==> flow/design.v <==
module ex_shft_p #(
  parameter integer WIDTH = 10,
  parameter integer LG = $clog2(WIDTH)
) (
  input  wire sys_clk,
  input  wire [WIDTH-1:0] bus_i,
  input  wire [LG-1:0] by_i,
  output reg [WIDTH-1:0] o_o
);
  reg [WIDTH-1:0] bus_d1;
  reg [LG-1:0] by_d1;
  always @(posedge sys_clk) begin
    bus_d1 <= bus_i;
    by_d1 <= by_i;
  end
  wire [WIDTH-1:0] n_ [0:LG];
  assign n_[0] = bus_d1;
  genvar g;
  generate
    for (g = 0; g < LG; g = g + 1) begin : lane
      assign n_[g+1] = by_d1[g] ? (n_[g] << (1 << g)) | (n_[g] >> (WIDTH - (1 << g))) : n_[g];
    end
  endgenerate
  always @(posedge sys_clk) begin
    o_o <= n_[LG];
  end
endmodule
### Tool chain data of ex_shft_p

The steps from the RTL of ex_shft_p to its reports follow in flow order.
Lines are those of the file above, counted from 1.
Operators carry their Yosys type and port widths (W data, S select, Z words).
Cell names lack the library's common part.
The mark n/a stands for no value.

| design | value |
|---|---|
| top module | ex_shft_p |
| clock | sys_clk |
| standard-cell library | sky130hd |
| library corner | tt_025C_1v80 |

### Word-level counts

Counts by Yosys on the flattened word-level netlist (proc, flatten, opt, wreduce). Print and check cells are left out. Cells with the same type and inputs are merged into one.

| cells by class | value |
|---|---|
| bitwise logic cells | 4 |
| multiplexer cells | 4 |

Operators by type and width:

| kind | count |
|---|---|
| $mux W10 | 4 |
| $or A10 B1 Y10 | 1 |
| $or A10 B2 Y10 | 1 |
| $or A10 B4 Y10 | 1 |
| $or A10 B8 Y10 | 1 |

| word-level totals | value |
|---|---|
| register bits after elaboration | 24 |
| word-level cells | 11 |

### Longest topological paths

Depth = most cells in a row (Yosys ltp): at word level without a register or memory, in the mapped netlist without a sequential cell, where the memories' decode and read muxes count.

| logic depth | value |
|---|---|
| depth in word-level cells | 8 |
| ABC_AREA | 0 |
| mapped depth | 4 |

### Netlist

The flow's flattened synthesis, as Yosys stat reports it; memories are mapped. The netlist is that of the ABC_AREA named above (0 if unset); the other value can give another one.

Cell types:

| type | count |
|---|---|
| dfxtp_1 | 24 |
| mux4_1 | 10 |
| mux2i_1 | 20 |
| buf_6 | 2 |
| buf_2 | 1 |
| buf_1 | 1 |

| mapped netlist | value |
|---|---|
| mapped area | 974.7 µm² |
| cells in the netlist | 58 |
| sequential area | 480.5 µm² |
| flip-flop cells | 24 |
| buffers | 4 |

### Path before layout

Path of least setup slack by OpenSTA after synthesis, without wires, with an ideal clock, recovery checks aside; 20% of the period is set as input and as output delay. Where synthesis merged equal registers, the netlist keeps one of their names.

| timing path post-synthesis | value |
|---|---|
| path kind | reg2reg |
| start point | register by_d1[0] |
| end point | register o_o[1] |
| delay of the path | 1395 ps |
| arrival time | 1253 ps |
| setup slack | 346 ps |
| driving pins on the path | 5 |
| data required time | 1598 ps |
| clock period | 1740 ps |
| period reached after synthesis | 1394 ps |

"delay of the path" = arrival - input delay + setup time.
"driving pins on the path" counts driving pins, that of a launching flip-flop among them; a cell with two outputs on the path counts twice.
"period reached after synthesis" = period - worst setup slack (recovery checks aside). The figure is calculated, with input and output delays left at 20% of the set period.
Between the ends stands the longest chain of elaborated cells between them, by number of cells; it is not shown to be the way that was timed. Of several equally long chains one is given.
A line is the first line of the expression or statement that the cell stems from. Yosys adds cells for indexed reads and writes and turns some case tables into memories.

| between the ends, post-synthesis | value |
|---|---|
| cells stage by stage | dfxtp_1 -> buf_6 -> mux4_1 -> mux2i_1 -> mux2i_1 |
| cells in the longest elaborated chain | 7 |

Ends and longest elaborated chain, post-synthesis:

| item | line | RTL |
|---|---|---|
| from (decl) | 11 | `reg [LG-1:0] by_d1;` |
| from (assign) | 14 | `by_d1 <= by_i;` |
| $mux W10 | 21 | `assign n_[g+1] = by_d1[g] ? (n_[g] << (1 << g)) \| (n_[g] >> (WIDTH - (1 << g))) : n_[g];` |
| $or A10 B2 Y10 | 21 |  |
| $mux W10 | 21 |  |
| $or A10 B4 Y10 | 21 |  |
| $mux W10 | 21 |  |
| $or A10 B8 Y10 | 21 |  |
| $mux W10 | 21 |  |
| to (assign) | 25 | `o_o <= n_[LG];` |
| to (decl) | 8 | `output reg [WIDTH-1:0] o_o` |

### Path in the finished layout

From the final timing report of run 1: the path of least setup slack in the routed layout; clock arrival at registers is part of the times.
The report prints the path's times to 10 ps; the period is as set.

| timing path after layout | value |
|---|---|
| path kind | reg2out |
| start point | register o_o[3] |
| end point | output port o_o[3] |
| data required time | 1830 ps |
| external output delay | 460 ps |
| clock period | 2290 ps |
| setup slack | 650 ps |
| arrival time | 1180 ps |
| driving pins on the path | 2 |

| between the ends, after layout | value |
|---|---|
| cells stage by stage | dfxtp_1 -> clkdlybuf4s50_1 |
| cells in the longest elaborated chain | 0 |

Ends and longest elaborated chain, after layout:

| item | line | RTL |
|---|---|---|
| from (decl) | 8 | `output reg [WIDTH-1:0] o_o` |
| from (assign) | 25 | `o_o <= n_[LG];` |
| to (decl) | 8 |  |

Subject: ex_shft_p on sky130hd, stored results

Hello all,

ex_shft_p through Yosys and OpenROAD on sky130hd: 3 stored runs, unordered, with their settings and measured results. The constraints put input and output delay at 20% of the set period each and load the outputs with 0.01 pF.
"reached clock period" = clock period - worst setup slack. The figure is calculated, with input and output delays left at 20% of the set period.
"critical setup path time": the worst setup path's part of the clock period (all of it between registers, 20% less for each end at a port) less its slack. A launch clock that arrives late makes it longer, a capture clock that arrives late makes it shorter.
By "total power after layout" is meant OpenSTA's value without simulated activity: inputs other than the clock are taken to toggle once in ten clock periods, and the tool carries that through the logic.
"critical setup path time" is known to 10 ps.
Settings: n/a = not set for that run.
A result given as n/a is not shown for that run.

| stored run | period_ns | CORE_UTILIZATION | SETUP_SLACK_MARGIN | PLACE_DENSITY_LB_ADDON | CORE_ASPECT_RATIO | GPL_TIMING_DRIVEN | GPL_ROUTABILITY_DRIVEN | CTS_CLUSTER_DIAMETER | CAP_MARGIN | MIN_ROUTING_LAYER | MAX_ROUTING_LAYER | CORE_MARGIN | SLEW_MARGIN | CELL_PAD_IN_SITES_GLOBAL_PLACEMENT | CELL_PAD_IN_SITES_DETAIL_PLACEMENT | ABC_AREA | worst slack on setup checks (ps) | utilization after routing | lowest hold slack (ps) | reached clock period (ps) | setup TNS (ps) | area of the die (µm²) | area of the standard cells in the finished layout (µm²) | critical setup path time (ps) | worst setup path kind | cell area after synthesis (µm²) | total power after layout (mW) |
|---|---|---|---|---|---|---|---|---|---|---|---|---|---|---|---|---|---|---|---|---|---|---|---|---|---|---|---|
| run 1 | 2.29 | 56 | 0.61 | 0.12 | 1.8 | 0 | 1 | 183 | 15 | met1 | met5 | 2 | 20 | n/a | n/a | n/a | 650 | 0.776 | 576 | 1640 | 0 | 2104.7 | 1281.2 | 1180 | reg2out | 974.7 | 0.8779 |
| run 2 | 1.97 | 62 | -0.16 | 0.18 | n/a | 0 | n/a | n/a | 30 | met2 | n/a | 5 | 15 | 3 | 0 | 1 | n/a | n/a | n/a | n/a | n/a | n/a | n/a | n/a | n/a | n/a | n/a |
| run 3 | 1.74 | 40 | n/a | n/a | n/a | n/a | n/a | n/a | 20 | n/a | n/a | 2 | 20 | n/a | n/a | n/a | 211 | 0.569 | 462 | 1529 | 0 | 2847.8 | 1282.5 | 1530 | reg2reg | 974.7 | 1.152 |

Run 2: incomplete, placement halted on FLW-0024

Thanks
